==> flow/design.v <==
module sh_core_top (aclk, i_data, i_opb, i_sh, o_dout);
  parameter WIDTH = 80;
  localparam SEL_WIDTH = $clog2(WIDTH);
  input aclk;
  input [WIDTH-1:0] i_data;
  input [WIDTH-1:0] i_opb;
  input [SEL_WIDTH-1:0] i_sh;
  output reg [WIDTH-1:0] o_dout;
  wire [2*WIDTH-1:0] r;
  assign r = {i_opb, i_data} >> i_sh;
  always @(posedge aclk) begin
    o_dout <= r[WIDTH-1:0];
  end
endmodule
=== Reports on sh_core_top ===
What the tools print for sh_core_top, step after step.
Lines are those of the file above, counted from 1.
A cell with -- has no value.

* Top module: sh_core_top
* Clock input: aclk
* Cell library: sky130hd
* Library corner: tt_025C_1v80

=== Word level ===
Counts by Yosys on the flattened word-level netlist (proc, flatten, opt, wreduce; memories kept). Register bits leave out memories and registers merged into their read ports (data or address); mux counts leave out enables and synchronous resets folded into registers. Print and check cells are left out. Cells with the same type and inputs are merged into one.

* Shift operators: 1

{| class="wikitable"
|+ Operator list
! operator !! number
|-
| >> shifter 160 x 7 -> 80 bit || 1
|}

* Register bits after elaboration: 80
* Elaborated cells: 2
* Output and inout port bits: 80
* Bits of input ports: 168

=== Depth ===
Yosys ltp: most cells in a row. Word level: on the elaborated netlist, between registers, memories and ports. Mapped: between sequential cells and ports; inverters and the memories' decode and read muxes count.

* Depth in word-level cells: 1
* ABC_AREA: 0
* Gate-level depth with buffers: 12
* Gate-level depth less buffers: 6

=== After synthesis ===
Source: synth_stat.txt of the flow (Yosys; design flattened, memories mapped). It holds for the ABC_AREA given above (unset counts as 0); a run with the other value may have another netlist.
The area totals of this step are shown rounded.

* Chip area (Yosys): 0.01435 mm^2
* Buffer cells: 160
* Mapped flip-flops: 80
* Cell count: 1576

{| class="wikitable"
|+ Cells by type
! cell type !! number
|-
| sky130_fd_sc_hd__mux4_2 || 167
|-
| sky130_fd_sc_hd__mux2i_1 || 166
|-
| sky130_fd_sc_hd__dfxtp_1 || 80
|-
| sky130_fd_sc_hd__mux2_2 || 121
|-
| sky130_fd_sc_hd__nor2_1 || 158
|-
| sky130_fd_sc_hd__o22ai_1 || 86
|-
| sky130_fd_sc_hd__nand2_1 || 142
|-
| sky130_fd_sc_hd__a21oi_1 || 61
|-
| sky130_fd_sc_hd__o21ai_0 || 60
|-
| sky130_fd_sc_hd__clkbuf_1 || 77
|-
| sky130_fd_sc_hd__a22oi_1 || 31
|-
| sky130_fd_sc_hd__a211oi_1 || 30
|-
| sky130_fd_sc_hd__o221ai_1 || 22
|-
| sky130_fd_sc_hd__buf_2 || 35
|-
| sky130_fd_sc_hd__a221oi_1 || 19
|-
| sky130_fd_sc_hd__o211ai_1 || 20
|-
| sky130_fd_sc_hd__nor3_1 || 28
|-
| sky130_fd_sc_hd__buf_6 || 12
|}

Other cell types: 55; their cells: 261.

=== Path before layout ===
Source: OpenSTA report_checks on the synthesized netlist (no wires, ideal clock, input and output delay 20% of the period each), path of least setup slack; recovery checks are left aside. Register names are those of the netlist, which keeps one name where synthesis merged equal registers.

* Path type: input to register
* Start point: input i_sh[1]
* End point: register o_dout[5]
* Data arrival time: 2.702 ns
* Library setup time: 0.131 ns
* Setup slack: 0.537 ns
* Data required time: 3.239 ns
* Path delay: 2.159 ns
* Input delay: 0.674 ns
* Period: 3.37 ns
* Stages: 11
* Synthesis period reached: 2.833 ns

"path delay" = arrival - input delay + setup time.
"stages" counts driving pins, that of a launching flip-flop among them; a cell with two outputs on the path counts twice.
"synthesis period reached" = period - worst setup slack (recovery checks aside). The figure is calculated, with input and output delays left at 20% of the set period.
The rows between start and end are the longest chain of elaborated cells between them; the timing report does not say that the signal goes this way. Where chains are equally long, one stands for them.
A line is the first line of the expression or statement that the cell stems from. Yosys adds cells for indexed reads and writes and turns some case tables into memories.

* Path through: sky130_fd_sc_hd__buf_6 > sky130_fd_sc_hd__buf_6 > sky130_fd_sc_hd__buf_6 > sky130_fd_sc_hd__buf_6 > sky130_fd_sc_hd__buf_2 > sky130_fd_sc_hd__mux4_2 > sky130_fd_sc_hd__and2_1 > sky130_fd_sc_hd__a311oi_1 > sky130_fd_sc_hd__a211oi_1 > sky130_fd_sc_hd__a2111oi_0 > sky130_fd_sc_hd__nand3_1
* Length of the longest elaborated chain: 1
* Elaborated cells on any way between the ends: 1
* Those cells by class: shift (1)

{| class="wikitable"
|+ RTL lines, path post-synthesis
! item !! line !! text
|-
| start: declaration || 7 || <nowiki>input [SEL_WIDTH-1:0] i_sh;</nowiki>
|-
| >> shifter 160 x 7 -> 80 bit || 10 || <nowiki>assign r = {i_opb, i_data} >> i_sh;</nowiki>
|-
| end: assignment || 12 || <nowiki>o_dout <= r[WIDTH-1:0];</nowiki>
|-
| end: declaration || 8 || <nowiki>output reg [WIDTH-1:0] o_dout;</nowiki>
|}

=== Path in the finished layout ===
Path of least setup slack in the final report of entry B (OpenROAD, finished layout, wires in). Where an end is a register, its clock arrival counts in the times.

* Path type: input to register
* Start point: input i_opb[47]
* End point: register o_dout[4]
* Data arrival time: 3.58 ns
* Library setup time: 0.12 ns
* Stages: 8
* Period: 3.37 ns
* Setup slack: 0.05 ns
* Data required time: 3.63 ns
* Input delay: 0.67 ns

The rows between start and end are the longest chain of elaborated cells between them; the timing report does not say that the signal goes this way. Where chains are equally long, one stands for them.

* Path through: sky130_fd_sc_hd__clkdlybuf4s50_1 > sky130_fd_sc_hd__mux4_2 > sky130_fd_sc_hd__mux2_2 > sky130_fd_sc_hd__buf_4 > sky130_fd_sc_hd__mux2i_1 > sky130_fd_sc_hd__o22ai_1 > sky130_fd_sc_hd__a2111oi_1 > sky130_fd_sc_hd__nand2_1
* Length of the longest elaborated chain: 1
* Elaborated cells on any way between the ends: 1
* Those cells by class: shift (1)

{| class="wikitable"
|+ RTL lines, path after layout
! item !! line !! text
|-
| start: declaration || 6 || <nowiki>input [WIDTH-1:0] i_opb;</nowiki>
|-
| >> shifter 160 x 7 -> 80 bit || 10 || <nowiki>assign r = {i_opb, i_data} >> i_sh;</nowiki>
|-
| end: assignment || 12 || <nowiki>o_dout <= r[WIDTH-1:0];</nowiki>
|-
| end: declaration || 8 || <nowiki>output reg [WIDTH-1:0] o_dout;</nowiki>
|}

--- measured runs ---
Design sh_core_top on sky130hd. What follows are 3 stored runs of the flow, each under its own settings; their order means nothing. The constraints put input and output delay at 20% of the set period each and load the outputs with 0.01 pF.
By "achieved clock period" is meant the clock period of the run minus its worst setup slack. This is arithmetic on one report: input and output delays are still those of the set period (20% each).
"critical setup path time" means the part of the period allowed to the worst setup path (the constraints hold back 20% at inputs and 20% at outputs) less its slack; where the path has registers, the arrival times of their clocks count too.
"total design power": no workload was simulated; the value follows from the tool's default switching activity.
The results are shown rounded.

=== Entry A ===
{| class="wikitable"
! Setting !! Value
|-
| period_ns || 2.19
|-
| CORE_UTILIZATION || 48
|-
| SETUP_SLACK_MARGIN || -0.09
|-
| PLACE_DENSITY || 0.67
|-
| CELL_PAD_IN_SITES_GLOBAL_PLACEMENT || 2
|-
| ABC_AREA || 1
|-
| CTS_CLUSTER_DIAMETER || 221
|-
| CAP_MARGIN || 20
|-
| CORE_MARGIN || 2
|-
| SLEW_MARGIN || 20
|}
Stopped before the end: placement reported GPL-0301.

=== Entry B ===
{| class="wikitable"
! Setting !! Value
|-
| period_ns || 3.37
|-
| CAP_MARGIN || 20
|-
| CORE_MARGIN || 2
|-
| CORE_UTILIZATION || 40
|-
| SLEW_MARGIN || 20
|-
! Result !! Value
|-
| Achieved clock period || 3.319 ns
|-
| Die size || 0.03739 mm^2
|-
| Post-synthesis cell area || 0.01435 mm^2
|-
| Worst-case hold slack || 0.857 ns
|-
| Worst setup slack after layout || 0.051 ns
|-
| Final setup TNS || 0.000 ns
|-
| Standard-cell area of the final layout || 0.01977 mm^2
|-
| Total design power || 6634 uW
|-
| Critical setup path time || 2.65 ns
|-
| Worst setup path type || input to register
|-
| Post-layout utilization || 55.7 %
|}

=== Entry C ===
{| class="wikitable"
! Setting !! Value
|-
| period_ns || 2.36
|-
| CORE_UTILIZATION || 61
|-
| CELL_PAD_IN_SITES_GLOBAL_PLACEMENT || 3
|-
| CELL_PAD_IN_SITES_DETAIL_PLACEMENT || 2
|-
| TNS_END_PERCENT || 85
|-
| ABC_AREA || 1
|-
| GPL_ROUTABILITY_DRIVEN || 1
|-
| CTS_CLUSTER_DIAMETER || 364
|-
| CAP_MARGIN || 20
|-
| CORE_MARGIN || 2
|-
| SLEW_MARGIN || 20
|}
Stopped before the end: placement reported GPL-0301.
--- end ---
